==> flow/design.v <==
module add_core_rtl #(
    parameter DWIDTH = 12,
    parameter BS = 4
) (
    input  wire ck,
    input  wire [DWIDTH-1:0] u,
    input  wire [DWIDTH-1:0] v,
    input  wire ci,
    output wire [DWIDTH-1:0] o,
    output wire carry
);
    reg [DWIDTH-1:0] u_r;
    always @(posedge ck)
        u_r <= u;
    reg [DWIDTH-1:0] v_r;
    always @(posedge ck)
        v_r <= v;
    reg ci_r;
    always @(posedge ck)
        ci_r <= ci;
    localparam NB = DWIDTH / BS;
    wire [DWIDTH-1:0] val;
    wire [NB:0] cy;
    assign cy[0] = ci_r;
    genvar i;
    generate
        for (i = 0; i < NB; i = i + 1) begin : each
            wire [BS:0] s0 = u_r[i*BS +: BS] + v_r[i*BS +: BS];
            wire [BS:0] s1 = u_r[i*BS +: BS] + v_r[i*BS +: BS] + 1'b1;
            assign {cy[i+1], val[i*BS +: BS]} = cy[i] ? s1 : s0;
        end
    endgenerate
    assign o = val;
    assign carry = cy[NB];
endmodule
From RTL to reports: add_core_rtl --
What the tools print for add_core_rtl, step after step. Lines are those of the file above, counted from 1. Operators: Yosys type, input widths -> output width; for muxes data width and select width s. Library cell names are shortened. Not given: -
Set-up: top add_core_rtl, clock port ck, library sky130hd, library corner tt_025C_1v80

Word level --
Source: Yosys, flattened and elaborated, memories not mapped. Widths are those after wreduce; folded enables and synchronous resets count as part of the registers. Registers that Yosys merges into a memory's read port (data or address) are not register bits. Print and check cells do not count. Equal cells are merged and count once.
Storage and ports: bits in writable memories 0, latch bits 0, elaborated cells 12, word width x clocked read ports 0, bits in registers 25, memories 0, memory bits (read-only) 0, input bits 26
Cells by class: $lt $le $gt $ge 0, add/subtract/negate cells 6, equal/unequal tests 0, $mul 0, shifts and indexed selects 0, multiplexer cells 3, reduce/logical cells 0, divide/modulo/power cells 0, bitwise gates (word level) 0
Operators by type and width (count):
- $add 4x4->5 | 3
- $add 5x1->5 const B | 3
- $mux 5 | 3

Longest topological paths --
Longest topological path by Yosys (ltp), each cell counted once; first at word level (registers and memories cut), then after technology mapping (sequential cells cut; the memories' decode and read muxes count).
Logic depth: word-level depth 5, ABC_AREA 0, depth in mapped cells 8

Synthesis result --
Yosys stat after the flow's synthesis: flattened, memories mapped to cells. It holds for the ABC_AREA given above (unset counts as 0); a run with the other value may have another netlist. Totals and module areas in this step are rounded.
Cell types:
- dfxtp_1 | count 25, total area 500.48 um2
- ha_1 | count 15, total area 187.68 um2
- xnor2_1 | count 10, total area 87.584 um2
- fa_1 | count 3, total area 60.058 um2
- xor2_1 | count 6, total area 52.55 um2
- a21oi_1 | count 7, total area 35.034 um2
- inv_1 | count 8, total area 30.029 um2
- a31oi_2 | count 2, total area 25.024 um2
- a21o_1 | count 3, total area 22.522 um2
- mux2_2 | count 2, total area 22.522 um2
- xor2_2 | count 1, total area 16.266 um2
- mux2_4 | count 1, total area 15.014 um2
- nor3b_1 | count 2, total area 15.014 um2
- nor4b_2 | count 1, total area 15.014 um2
- nand4_1 | count 2, total area 12.512 um2
- and4_4 | count 1, total area 11.261 um2
- or4_4 | count 1, total area 11.261 um2
- nand3_1 | count 2, total area 10.01 um2
Other cell types: 15; their cells: 18.
Synthesis totals: mapped cells 110, buffer cells 0, cell area after synthesis 0.00125 mm2, sequential area 0.0005 mm2, flip-flops 25

Worst setup path after synthesis --
OpenSTA on the mapped netlist: ideal clock, no wires. The path of least setup slack (recovery checks aside). Input and output delay are each 20% of the period. Register names are those of the netlist, which keeps one name where synthesis merged equal registers.
Timing path post-synthesis: path type register to output, start register u_r[0], end output o[9], stages on the path 9, path delay 2.425 ns, arrival time 2.425 ns, clock period 3.79 ns, path slack 0.607 ns, launch time at the first pin 0.000 ns, output delay 0.758 ns, synthesis period reached 3.183 ns
"path delay" = arrival - input delay + setup time. A path that ends at an output port has no setup time. "stages on the path" counts driving pins, that of a launching flip-flop among them; a cell with two outputs on the path counts twice. "synthesis period reached" is the clock period less the worst setup slack; recovery checks do not enter. This is arithmetic on one report: input and output delays are still those of the set period (20% each). Between the ends stands the longest chain of elaborated cells between them, by number of cells; it is not shown to be the way that was timed. Of several equally long chains one is given. A line is the first line of the expression or statement that the cell stems from. Yosys adds cells for indexed reads and writes and turns some case tables into memories.
On the way, post-synthesis: cells stage by stage dfxtp_1 ha_1 fa_1 ha_1 nand3_2 or4_4 a31oi_2 nor2_2 mux2_4, length of the longest elaborated chain 5
RTL lines, path post-synthesis:
- start: declaration | line 12 | reg [DWIDTH-1:0] u_r;
- start: assignment | line 14 | u_r <= u;
- $add 4x4->5 | line 29 | wire [BS:0] s1 = u_r[i*BS +: BS] + v_r[i*BS +: BS] + 1'b1;
- $add 5x1->5 | line 29
- $mux 5 (3 in a row) | line 30 | assign {cy[i+1], val[i*BS +: BS]} = cy[i] ? s1 : s0;
- end: declaration | line 9 | output wire [DWIDTH-1:0] o,

Timing after layout --
From the final timing report of run 1: the path of least setup slack in the routed layout; clock arrival at registers is part of the times.
Timing path after layout: path type register to output, start register u_r[0], end output o[9], output delay 0.76 ns, clock period 3.79 ns, arrival time 2.99 ns, stages on the path 10, launch time at the first pin 0.32 ns, path slack 0.04 ns
Between the ends stands the longest chain of elaborated cells between them, by number of cells; it is not shown to be the way that was timed. Of several equally long chains one is given.
On the way, after layout: cells stage by stage dfxtp_2 ha_4 fa_1 ha_2 nand3_2 or4_4 a31oi_4 nor2_4 mux2_4 buf_6, length of the longest elaborated chain 5
RTL lines, path after layout:
- start: declaration | line 12 | reg [DWIDTH-1:0] u_r;
- start: assignment | line 14 | u_r <= u;
- $add 4x4->5 | line 29 | wire [BS:0] s1 = u_r[i*BS +: BS] + v_r[i*BS +: BS] + 1'b1;
- $add 5x1->5 | line 29
- $mux 5 (3 in a row) | line 30 | assign {cy[i+1], val[i*BS +: BS]} = cy[i] ? s1 : s0;
- end: declaration | line 9 | output wire [DWIDTH-1:0] o,

--- measured runs ---
Stored flow runs of add_core_rtl (3 of them; Yosys, OpenROAD, sky130hd). They differ in their settings and are not a sequence. Constraints: input delay and output delay 20% of the set period each, output load 0.01 pF.
"achieved clock period" is the run's clock period less its worst setup slack. It is reckoned from that one timing run; input and output delays stay at 20% of the period that was set.
"time used up by the worst setup path" = time allowed to the worst setup path (clock period - input delay - output delay, where it has them) - its slack; a late launch clock adds to it, a late capture clock takes from it.
"power consumption" is the tool's figure for a default switching activity; nothing was simulated.
Values from the reports are rounded here.

[run 1] flow files
==> flow/run.sh <==
#!/bin/bash
# the make line also repeats the synthesis and layout settings of config.mk as NAME=value (left out here)
make -C /OpenROAD-flow-scripts/flow DESIGN_CONFIG=/design/flow/config.mk WORK_HOME=/design/flow/orfs CLKGATE_MAP_FILE= finish
==> flow/config.mk <==
export PLATFORM = sky130hd
export DESIGN_NAME = add_core_rtl
export DESIGN_NICKNAME = add_core_rtl
export VERILOG_FILES = /design/flow/design.v
export SDC_FILE = /design/flow/constraint.sdc
export NUM_CORES = 4
export LEC_CHECK = 0
export CAP_MARGIN = 20
export CORE_MARGIN = 2
export CORE_UTILIZATION = 40
export SLEW_MARGIN = 20
==> flow/constraint.sdc <==
create_clock -name core_clock -period 3.79 [get_ports {ck}]
set_input_delay 0.7580 -clock core_clock [delete_from_list [all_inputs] [get_ports {ck}]]
set_output_delay 0.7580 -clock core_clock [all_outputs]
set_load 0.01 [all_outputs]

[run 1] result: power consumption 650 µW; worst setup slack after layout 0.040 ns; standard-cell area after layout 0.00178 mm2; worst hold slack after layout 0.857 ns; synthesized cell area 0.00125 mm2; achieved clock period 3.750 ns; time used up by the worst setup path 2.99 ns; type of the worst setup path register to output; final design utilization 59.3 %; area of the die 0.00358 mm2; total negative slack 0.000 ns

[run 2] flow files
==> flow/run.sh <==
#!/bin/bash
# the make line also repeats the synthesis and layout settings of config.mk as NAME=value (left out here)
make -C /OpenROAD-flow-scripts/flow DESIGN_CONFIG=/design/flow/config.mk WORK_HOME=/design/flow/orfs CLKGATE_MAP_FILE= finish
==> flow/config.mk <==
export PLATFORM = sky130hd
export DESIGN_NAME = add_core_rtl
export DESIGN_NICKNAME = add_core_rtl
export VERILOG_FILES = /design/flow/design.v
export SDC_FILE = /design/flow/constraint.sdc
export NUM_CORES = 4
export LEC_CHECK = 0
export CAP_MARGIN = 20
export CELL_PAD_IN_SITES_DETAIL_PLACEMENT = 0
export CELL_PAD_IN_SITES_GLOBAL_PLACEMENT = 0
export CORE_ASPECT_RATIO = 0.72
export CORE_MARGIN = 8
export CORE_UTILIZATION = 56
export HOLD_SLACK_MARGIN = -0.01
export MIN_ROUTING_LAYER = met1
export PLACE_DENSITY_LB_ADDON = 0.24
export SLEW_MARGIN = 0
==> flow/constraint.sdc <==
create_clock -name core_clock -period 2.28 [get_ports {ck}]
set_input_delay 0.4560 -clock core_clock [delete_from_list [all_inputs] [get_ports {ck}]]
set_output_delay 0.4560 -clock core_clock [all_outputs]
set_load 0.01 [all_outputs]

[run 2] result: did not finish, routing stopped with DPL-0033

[run 3] flow files
==> flow/run.sh <==
#!/bin/bash
# the make line also repeats the synthesis and layout settings of config.mk as NAME=value (left out here)
make -C /OpenROAD-flow-scripts/flow DESIGN_CONFIG=/design/flow/config.mk WORK_HOME=/design/flow/orfs CLKGATE_MAP_FILE= finish
==> flow/config.mk <==
export PLATFORM = sky130hd
export DESIGN_NAME = add_core_rtl
export DESIGN_NICKNAME = add_core_rtl
export VERILOG_FILES = /design/flow/design.v
export SDC_FILE = /design/flow/constraint.sdc
export NUM_CORES = 4
export LEC_CHECK = 0
export CAP_MARGIN = 20
export CORE_MARGIN = 2
export CORE_UTILIZATION = 18
export GPL_TIMING_DRIVEN = 1
export HOLD_SLACK_MARGIN = -0.09
export PLACE_DENSITY = 0.8
export SLEW_MARGIN = 20
==> flow/constraint.sdc <==
create_clock -name core_clock -period 3.23 [get_ports {ck}]
set_input_delay 0.6460 -clock core_clock [delete_from_list [all_inputs] [get_ports {ck}]]
set_output_delay 0.6460 -clock core_clock [all_outputs]
set_load 0.01 [all_outputs]

[run 3] result: power consumption 853 µW; worst setup slack after layout -0.273 ns; standard-cell area after layout 0.00195 mm2; worst hold slack after layout 0.801 ns; synthesized cell area 0.00125 mm2; achieved clock period 3.503 ns; time used up by the worst setup path 2.86 ns; type of the worst setup path register to output; final design utilization 28.8 %; area of the die 0.00761 mm2; total negative slack -1.49 ns
--- end ---
